==> flow/design.v <==
module my_alu_arith #(
  parameter int DW = 20
) (
  input logic clk,
  input logic rst_n,
  input logic [DW-1:0] src1,
  input logic [DW-1:0] src2,
  output logic [DW-1:0] diff
);
  logic [DW-1:0] src1_d1;
  always_ff @(posedge clk) begin
    if (~rst_n) begin
      src1_d1 <= 0;
    end else begin
      src1_d1 <= src1;
    end
  end
  logic [DW-1:0] src2_d1;
  always_ff @(posedge clk) begin
    if (~rst_n) begin
      src2_d1 <= 0;
    end else begin
      src2_d1 <= src2;
    end
  end
  logic [DW:0] val;
  assign val = src1_d1 - src2_d1;
  assign diff = val[DW] ? {DW{1'b0}} : val[DW-1:0];
endmodule
# [Reports on my_alu_arith]
# The steps from the RTL of my_alu_arith to its reports follow in flow order.
# Lines are those of the file above, counted from 1.
# Cell names lack the library's common part.
# Not given: -
[design] top_module="my_alu_arith" clk_port="clk" library="sky130hd" corner="tt_025C_1v80"

# [After elaboration]
# Counts by Yosys on the flattened word-level netlist (proc, flatten, opt, wreduce; memories kept). Register bits leave out memories and registers merged into their read ports (data or address); mux counts leave out enables and synchronous resets folded into registers. Print and check cells are left out. Cells with the same type and inputs are merged into one.
[word_totals] elab_cells=4 ff_bits=40 input_bits=42
[classes] add_sub_neg=1 muxes=1
[ops] op="subtractor 20 x 20 -> 21 bit" n=1
[ops] op="2-to-1 mux 20 bit" n=1

# [Depth]
# Longest topological path by Yosys (ltp), each cell counted once; first at word level (registers and memories cut), then after technology mapping (sequential cells cut; the memories' decode and read muxes count).
[logic_depth] word_depth=2 abc_area=0 mapped_depth=12 ltp_nobuf=10

# [Mapped cells and area]
# Source: synth_stat.txt of the flow (Yosys; design flattened, memories mapped). It holds for the ABC_AREA given above (unset counts as 0); a run with the other value may have another netlist.
[types] type="dfxtp_1" n=40 type_area_um2=800.768
[types] type="and2_1" n=43 type_area_um2=269.008
[types] type="ha_1" n=20 type_area_um2=250.24
[types] type="inv_1" n=23 type_area_um2=86.333
[types] type="a21oi_1" n=17 type_area_um2=85.082
[types] type="nor2_1" n=20 type_area_um2=75.072
[types] type="xnor2_1" n=8 type_area_um2=70.067
[types] type="a21o_1" n=9 type_area_um2=67.565
[types] type="nand2_1" n=13 type_area_um2=48.797
[types] type="buf_6" n=4 type_area_um2=45.043
[types] type="nand4_1" n=6 type_area_um2=37.536
[types] type="o21ai_0" n=7 type_area_um2=35.034
[types] type="xor2_1" n=4 type_area_um2=35.034
[types] type="mux2i_1" n=3 type_area_um2=30.029
[types] type="nand3_1" n=6 type_area_um2=30.029
[types] type="o211ai_1" n=4 type_area_um2=30.029
[types] type="clkbuf_8" n=2 type_area_um2=27.526
[types] type="nor4b_4" n=1 type_area_um2=23.773
# Not listed: further types 30, cells in them 49.
[synth_totals] synth_area_um2=2414.8 buffers=12 flip_flops=40 mapped_cells=279

# [Timing after synthesis]
# Source: OpenSTA report_checks on the synthesized netlist (no wires, ideal clock, input and output delay 20% of the period each), path of least setup slack; recovery checks are left aside. Register names are those of the netlist, which keeps one name where synthesis merged equal registers.
[synth_timing] path_kind="register to output" from="register src1_d1[0]" to="output port diff[10]" driving_pins=13 delay_ps=2195 path_buffers=2 slack_ps=549 period_ps=3430 t_arrival_ps=2195 synth_period_reached_ps=2881
# "delay_ps" is the arrival time less input delay plus setup time.
# A path that ends at an output port has no setup time.
# "driving_pins": output pins that drive a net of the path, with the launching flip-flop's if there is one; two outputs of one cell count as two.
# "synth_period_reached_ps" = period - worst setup slack (recovery checks aside). The figure is calculated, with input and output delays left at 20% of the set period.
# The rows between start and end are the longest chain of elaborated cells between them; the timing report does not say that the signal goes this way. Where chains are equally long, one stands for them.
# Each line given opens the expression or statement behind the cell; cells for indexed reads and writes are added by Yosys, which also makes memories of some case tables.
[synth_between] cell_sequence="dfxtp_1 > inv_1 > ha_1 > inv_1 > fa_1 > a21o_1 > a221o_2 > nand2_1 > o21a_1 > o31a_1 > buf_6 > clkbuf_8 > nor2_1" elab_chain_cells=2
[synth_lines] element="from (decl)" line=10 text="logic [DW-1:0] src1_d1;"
[synth_lines] element="from (assign)" line=13 text="src1_d1 <= 0;"
[synth_lines] element="from (assign)" line=15 text="src1_d1 <= src1;"
[synth_lines] element="subtractor 20 x 20 -> 21 bit" line=27 text="assign val = src1_d1 - src2_d1;"
[synth_lines] element="2-to-1 mux 20 bit" line=28 text="assign diff = val[DW] ? {DW{1'b0}} : val[DW-1:0];"
[synth_lines] element="to (decl)" line=8 text="output logic [DW-1:0] diff"

# [Path in the finished layout]
# From the final timing report of record 1: the path of least setup slack in the routed layout; clock arrival at registers is part of the times.
# The path's times are printed in steps of 10 ps; the period is the one set.
[layout_timing] path_kind="register to output" from="register src1_d1[0]" to="output port diff[1]" period_ps=3430 path_buffers=2 slack_ps=130 driving_pins=13 t_arrival_ps=2620
# The rows between start and end are the longest chain of elaborated cells between them; the timing report does not say that the signal goes this way. Where chains are equally long, one stands for them.
[layout_between] cell_sequence="dfxtp_2 > inv_2 > ha_4 > inv_2 > fa_2 > a21o_1 > a221o_2 > nand2_2 > o21a_1 > buf_4 > o31ai_2 > and2_1 > dlygate4sd2_1" elab_chain_cells=2
[layout_lines] element="from (decl)" line=10 text="logic [DW-1:0] src1_d1;"
[layout_lines] element="from (assign)" line=13 text="src1_d1 <= 0;"
[layout_lines] element="from (assign)" line=15 text="src1_d1 <= src1;"
[layout_lines] element="subtractor 20 x 20 -> 21 bit" line=27 text="assign val = src1_d1 - src2_d1;"
[layout_lines] element="2-to-1 mux 20 bit" line=28 text="assign diff = val[DW] ? {DW{1'b0}} : val[DW-1:0];"
[layout_lines] element="to (decl)" line=8 text="output logic [DW-1:0] diff"

# Design my_alu_arith on sky130hd. What follows are 3 stored runs of the flow, each under its own settings; their order means nothing. The constraints put input and output delay at 20% of the set period each and load the outputs with 0.01 pF.
# "period_reached_ps" = clock period - worst setup slack. The figure is calculated, with input and output delays left at 20% of the set period.
# "timing.worst_path_ps" is the time allowed to the run's worst setup path (the clock period less input and output delay, where it has them) less its slack. Clock arrival times count: a late capture clock shortens it, a late launch clock lengthens it.
# By "totalPower_uw" is meant OpenSTA's value without simulated activity: inputs other than the clock are taken to toggle once in ten clock periods, and the tool carries that through the logic.
# "timing.worst_path_ps" is known to 10 ps.
run="record 1" settings period_ns=3.43 CAP_MARGIN=20 CORE_MARGIN=2 CORE_UTILIZATION=40 SLEW_MARGIN=20
run="record 1" results design_die_area_um2=6674.9 worst_hold_slack_ps=950 final_setup_tns_ps=0 timing.worst_path_ps=2620 timing.worst_path_kind="register to output" fin_util_pct=55.5 period_reached_ps=3302 totalPower_uw=1318 timing.setup.ws_ps=128 synthesis_area_um2=2414.8
run="record 2" settings period_ns=5.04 CORE_UTILIZATION=19 PLACE_DENSITY_LB_ADDON=0.04 CORE_MARGIN=10 CELL_PAD_IN_SITES_GLOBAL_PLACEMENT=0 TNS_END_PERCENT=30 ABC_AREA=0 MAX_ROUTING_LAYER="met4" CAP_MARGIN=20 SLEW_MARGIN=20
run="record 2" results design_die_area_um2=17618.6 synthesis_area_um2=2414.8 fin_util_pct=26.3 timing.setup.ws_ps=747 worst_hold_slack_ps=1266 period_reached_ps=4293 final_setup_tns_ps=0 totalPower_uw=982.4 timing.worst_path_ps=3280 timing.worst_path_kind="register to output"
run="record 3" settings period_ns=3.49 CORE_UTILIZATION=34 PLACE_DENSITY=0.7 CORE_ASPECT_RATIO=1.26 TNS_END_PERCENT=95 CAP_MARGIN=10 MAX_ROUTING_LAYER="met4" CORE_MARGIN=2 SLEW_MARGIN=20
run="record 3" results design_die_area_um2=7797.3 fin_util_pct=48.2 worst_hold_slack_ps=976 timing.worst_path_ps=2740 timing.worst_path_kind="register to output" final_setup_tns_ps=0 timing.setup.ws_ps=54 synthesis_area_um2=2414.8 totalPower_uw=1343 period_reached_ps=3436
